==> flow/design.v <==
module dp_mplex_v2 #(
    parameter XLEN = 32
) (
    input  clock,
    input  srst,
    input  [XLEN-1:0] ch_0_in,
    input  [XLEN-1:0] ch_1_in,
    input  [XLEN-1:0] ch_2_in,
    input  [XLEN-1:0] ch_3_in,
    input  [XLEN-1:0] ch_4_in,
    input  [XLEN-1:0] ch_5_in,
    input  [4:0] addr_in,
    output [XLEN-1:0] result_out
);
    reg [XLEN-1:0] ch_0_r;
    reg [XLEN-1:0] ch_1_r;
    reg [XLEN-1:0] ch_2_r;
    reg [XLEN-1:0] ch_3_r;
    reg [XLEN-1:0] ch_4_r;
    reg [XLEN-1:0] ch_5_r;
    reg [4:0] addr_r;
    reg [XLEN-1:0] work;
    always @(*) begin
        casez (addr_r)
            5'b????1: work = ch_0_r;
            5'b???10: work = ch_1_r;
            5'b??100: work = ch_2_r;
            5'b?1000: work = ch_3_r;
            5'b10000: work = ch_4_r;
            default: work = ch_5_r;
        endcase
    end
    assign result_out = work;
    always @(posedge clock) begin
        if (srst) begin
            ch_0_r <= 0;
            ch_1_r <= 0;
            ch_2_r <= 0;
            ch_3_r <= 0;
            ch_4_r <= 0;
            ch_5_r <= 0;
            addr_r <= 0;
        end else begin
            ch_0_r <= ch_0_in;
            ch_1_r <= ch_1_in;
            ch_2_r <= ch_2_in;
            ch_3_r <= ch_3_in;
            ch_4_r <= ch_4_in;
            ch_5_r <= ch_5_in;
            addr_r <= addr_in;
        end
    end
endmodule
======== From RTL to reports: dp_mplex_v2 ========
What the tools print for dp_mplex_v2, step after step.
Lines are those of the file above, counted from 1.
Not given: --
set-up
  top module .............................. dp_mplex_v2
  clock input ............................. clock
  library ................................. sky130hd
  corner .................................. tt_025C_1v80

======== Elaborated design ========
Source: Yosys, flattened and elaborated, memories not mapped. Widths are those after wreduce; folded enables and synchronous resets count as part of the registers. Registers that Yosys merges into a memory's read port (data or address) are not register bits. Print and check cells do not count. Equal cells are merged and count once.
cells by class
  equality and inequality tests ........... 4
  mux-type cells .......................... 1
operator list
  operator                               count
  parallel mux 32 bit (select 5 bit)     1
  == test 5 bit (second input constant)  1
  == test 4 bit (second input constant)  1
  == test 3 bit (second input constant)  1
  == test 2 bit (second input constant)  1
bit counts
  bits in registers ....................... 197

======== Logic depth ========
Yosys ltp: most cells in a row. Word level: on the elaborated netlist, between registers, memories and ports. Mapped: between sequential cells and ports; inverters and the memories' decode and read muxes count.
logic depth
  depth after elaboration ................. 2
  ABC_AREA ................................ 0
  depth in mapped cells ................... 5
  depth with buffers taken out ............ 3

======== Mapped cells and area ========
The flow's flattened synthesis, as Yosys stat reports it; memories are mapped. The netlist is that of the ABC_AREA named above (0 if unset); the other value can give another one.
The area totals of this step are shown rounded.
cell types
  cell                        count
  sky130_fd_sc_hd__dfxtp_1    197
  sky130_fd_sc_hd__nor2b_1    197
  sky130_fd_sc_hd__a2bb2oi_2  30
  sky130_fd_sc_hd__a22o_1     32
  sky130_fd_sc_hd__nand3b_1   32
  sky130_fd_sc_hd__a22oi_1    31
  sky130_fd_sc_hd__nand2b_1   32
  sky130_fd_sc_hd__a21oi_1    32
  sky130_fd_sc_hd__inv_1      32
  sky130_fd_sc_hd__clkbuf_1   31
  sky130_fd_sc_hd__buf_6      6
  sky130_fd_sc_hd__buf_2      12
  sky130_fd_sc_hd__nor4b_4    1
  sky130_fd_sc_hd__nor4_4     1
  sky130_fd_sc_hd__a2bb2oi_1  2
  sky130_fd_sc_hd__nand2b_4   1
  sky130_fd_sc_hd__a22oi_2    1
  sky130_fd_sc_hd__buf_1      2
  sky130_fd_sc_hd__buf_4      1
synthesis totals
  cell count .............................. 673
  synthesis area .......................... 0.0072 sq mm
  flip-flops .............................. 197
  buffers ................................. 52

======== Worst setup path after synthesis ========
Source: OpenSTA report_checks on the synthesized netlist (no wires, ideal clock, input and output delay 20% of the period each), path of least setup slack; recovery checks are left aside. Register names are those of the netlist, which keeps one name where synthesis merged equal registers.
timing path post-synthesis
  path type ............................... reg2out
  start ................................... register addr_r[2]
  end ..................................... output port result_out[0]
  period .................................. 2.04 ns
  launch time at the first pin ............ 0.000 ns
  arrival time ............................ 1.308 ns
  data required time ...................... 1.632 ns
  slack ................................... 0.324 ns
  path delay .............................. 1.308 ns
  stages on the path ...................... 6
  path buffers ............................ 2
  synthesis period reached ................ 1.716 ns
"path delay" = arrival - input delay + setup time.
At an output port there is no setup time.
"stages on the path" counts driving pins, that of a launching flip-flop among them; a cell with two outputs on the path counts twice.
"synthesis period reached" = period - worst setup slack (recovery checks aside). The figure is calculated, with input and output delays left at 20% of the set period.
Between the ends stands the longest chain of elaborated cells between them, by number of cells; it is not shown to be the way that was timed. Of several equally long chains one is given.
A line is the first line of the expression or statement that the cell stems from. Yosys adds cells for indexed reads and writes and turns some case tables into memories.
on the way, post-synthesis
  cell sequence ........................... sky130_fd_sc_hd__dfxtp_1 sky130_fd_sc_hd__buf_4 sky130_fd_sc_hd__nor4_4 sky130_fd_sc_hd__buf_6 sky130_fd_sc_hd__a22oi_1 sky130_fd_sc_hd__a2bb2oi_2
  length of the longest elaborated chain .. 2
  elaborated cells between the ends (all ways) .. 4
  RTL lines with such cells ............... 1
ends and longest elaborated chain, post-synthesis
  item                                RTL line  text
  from (decl)                         21        reg [4:0] addr_r;
  from (assign)                       42        addr_r <= 0;
  from (assign)                       50        addr_r <= addr_in;
  == test 5 bit                       24        casez (addr_r)
  parallel mux 32 bit (select 5 bit)  24
  to (decl)                           13        output [XLEN-1:0] result_out

======== Timing after layout ========
Path of least setup slack in the final report of flow run A (OpenROAD, finished layout, wires in). Where an end is a register, its clock arrival counts in the times.
timing path after layout
  path type ............................... reg2out
  start ................................... register addr_r[0]
  end ..................................... output port result_out[3]
  period .................................. 2.04 ns
  launch time at the first pin ............ 0.42 ns
  arrival time ............................ 2.00 ns
  data required time ...................... 1.63 ns
  slack ................................... -0.36 ns
  stages on the path ...................... 8
  path buffers ............................ 4
Between the ends stands the longest chain of elaborated cells between them, by number of cells; it is not shown to be the way that was timed. Of several equally long chains one is given.
on the way, after layout
  cell sequence ........................... sky130_fd_sc_hd__dfxtp_4 sky130_fd_sc_hd__nor4_4 sky130_fd_sc_hd__buf_4 sky130_fd_sc_hd__buf_6 sky130_fd_sc_hd__nand2b_4 sky130_fd_sc_hd__clkbuf_16 sky130_fd_sc_hd__a2bb2oi_2 sky130_fd_sc_hd__clkbuf_2
  length of the longest elaborated chain .. 2
  elaborated cells between the ends (all ways) .. 5
  RTL lines with such cells ............... 1
ends and longest elaborated chain, after layout
  item                                RTL line  text
  from (decl)                         21        reg [4:0] addr_r;
  from (assign)                       42        addr_r <= 0;
  from (assign)                       50        addr_r <= addr_in;
  == test 5 bit                       24        casez (addr_r)
  parallel mux 32 bit (select 5 bit)  24
  to (decl)                           13        output [XLEN-1:0] result_out

Ticket comment

3 stored runs of dp_mplex_v2 in the flow (synthesis by Yosys, layout by OpenROAD, sky130hd cells), in arbitrary order. Constraints: input delay and output delay 20% of the set period each, output load 0.01 pF.
"achieved period" means the clock period less the worst setup slack. The figure is calculated, with input and output delays left at 20% of the set period.
By "critical path time" is meant the share of the clock period that the worst setup path is allowed (20% is reserved at inputs, 20% at outputs), minus its slack. Clock arrival times at its registers enter into it.
"power" rests on the timing tool's default activity at the inputs, not on a simulated workload.
Results are given in rounded form.

======== flow run A ========
==> flow/run.sh <==
#!/bin/bash
# the make line also repeats the synthesis and layout settings of config.mk as NAME=value (left out here)
make -C /OpenROAD-flow-scripts/flow DESIGN_CONFIG=/design/flow/config.mk WORK_HOME=/design/flow/orfs CLKGATE_MAP_FILE= finish
==> flow/config.mk <==
export PLATFORM = sky130hd
export DESIGN_NAME = dp_mplex_v2
export DESIGN_NICKNAME = dp_mplex_v2
export VERILOG_FILES = /design/flow/design.v
export SDC_FILE = /design/flow/constraint.sdc
export NUM_CORES = 4
export LEC_CHECK = 0
export CAP_MARGIN = 20
export CORE_MARGIN = 2
export CORE_UTILIZATION = 40
export SLEW_MARGIN = 20
==> flow/constraint.sdc <==
create_clock -name core_clock -period 2.04 [get_ports {clock}]
set_input_delay 0.4080 -clock core_clock [delete_from_list [all_inputs] [get_ports {clock}]]
set_output_delay 0.4080 -clock core_clock [all_outputs]
set_load 0.01 [all_outputs]

-------- measured, flow run A --------
  critical path time ...................... 2.00 ns
  type of the worst setup path ............ reg2out
  area inside the die boundary ............ 0.019 sq mm
  achieved period ......................... 2.405 ns
  power ................................... 8.7 mW
  worst slack on setup checks ............. -0.36 ns
  utilization of the finished layout ...... 0.59
  chip area in the Yosys report ........... 0.0072 sq mm

======== flow run B ========
==> flow/run.sh <==
#!/bin/bash
# the make line also repeats the synthesis and layout settings of config.mk as NAME=value (left out here)
make -C /OpenROAD-flow-scripts/flow DESIGN_CONFIG=/design/flow/config.mk WORK_HOME=/design/flow/orfs CLKGATE_MAP_FILE= finish
==> flow/config.mk <==
export PLATFORM = sky130hd
export DESIGN_NAME = dp_mplex_v2
export DESIGN_NICKNAME = dp_mplex_v2
export VERILOG_FILES = /design/flow/design.v
export SDC_FILE = /design/flow/constraint.sdc
export NUM_CORES = 4
export LEC_CHECK = 0
export CAP_MARGIN = 20
export CELL_PAD_IN_SITES_DETAIL_PLACEMENT = 1
export CORE_MARGIN = 2
export CORE_UTILIZATION = 54
export CTS_CLUSTER_SIZE = 61
export GPL_ROUTABILITY_DRIVEN = 1
export HOLD_SLACK_MARGIN = 0.03
export MIN_ROUTING_LAYER = met2
export PLACE_DENSITY_LB_ADDON = 0.27
export SLEW_MARGIN = 20
export TNS_END_PERCENT = 80
==> flow/constraint.sdc <==
create_clock -name core_clock -period 1.02 [get_ports {clock}]
set_input_delay 0.2040 -clock core_clock [delete_from_list [all_inputs] [get_ports {clock}]]
set_output_delay 0.2040 -clock core_clock [all_outputs]
set_load 0.01 [all_outputs]

-------- flow run B --------
  incomplete, placement halted on DPL-0033

======== flow run C ========
==> flow/run.sh <==
#!/bin/bash
# the make line also repeats the synthesis and layout settings of config.mk as NAME=value (left out here)
make -C /OpenROAD-flow-scripts/flow DESIGN_CONFIG=/design/flow/config.mk WORK_HOME=/design/flow/orfs CLKGATE_MAP_FILE= finish
==> flow/config.mk <==
export PLATFORM = sky130hd
export DESIGN_NAME = dp_mplex_v2
export DESIGN_NICKNAME = dp_mplex_v2
export VERILOG_FILES = /design/flow/design.v
export SDC_FILE = /design/flow/constraint.sdc
export NUM_CORES = 4
export LEC_CHECK = 0
export CAP_MARGIN = 20
export CORE_ASPECT_RATIO = 1.98
export CORE_MARGIN = 2
export CORE_UTILIZATION = 34
export CTS_CLUSTER_DIAMETER = 310
export GPL_ROUTABILITY_DRIVEN = 0
export HOLD_SLACK_MARGIN = 0.08
export MIN_ROUTING_LAYER = met1
export PLACE_DENSITY = 0.93
export SETUP_SLACK_MARGIN = 0.06
export SLEW_MARGIN = 15
==> flow/constraint.sdc <==
create_clock -name core_clock -period 2.32 [get_ports {clock}]
set_input_delay 0.4640 -clock core_clock [delete_from_list [all_inputs] [get_ports {clock}]]
set_output_delay 0.4640 -clock core_clock [all_outputs]
set_load 0.01 [all_outputs]

-------- measured, flow run C --------
  critical path time ...................... 1.97 ns
  type of the worst setup path ............ reg2out
  area inside the die boundary ............ 0.022 sq mm
  achieved period ......................... 2.434 ns
  power ................................... 7.8 mW
  worst slack on setup checks ............. -0.11 ns
  utilization of the finished layout ...... 0.51
  chip area in the Yosys report ........... 0.0072 sq mm
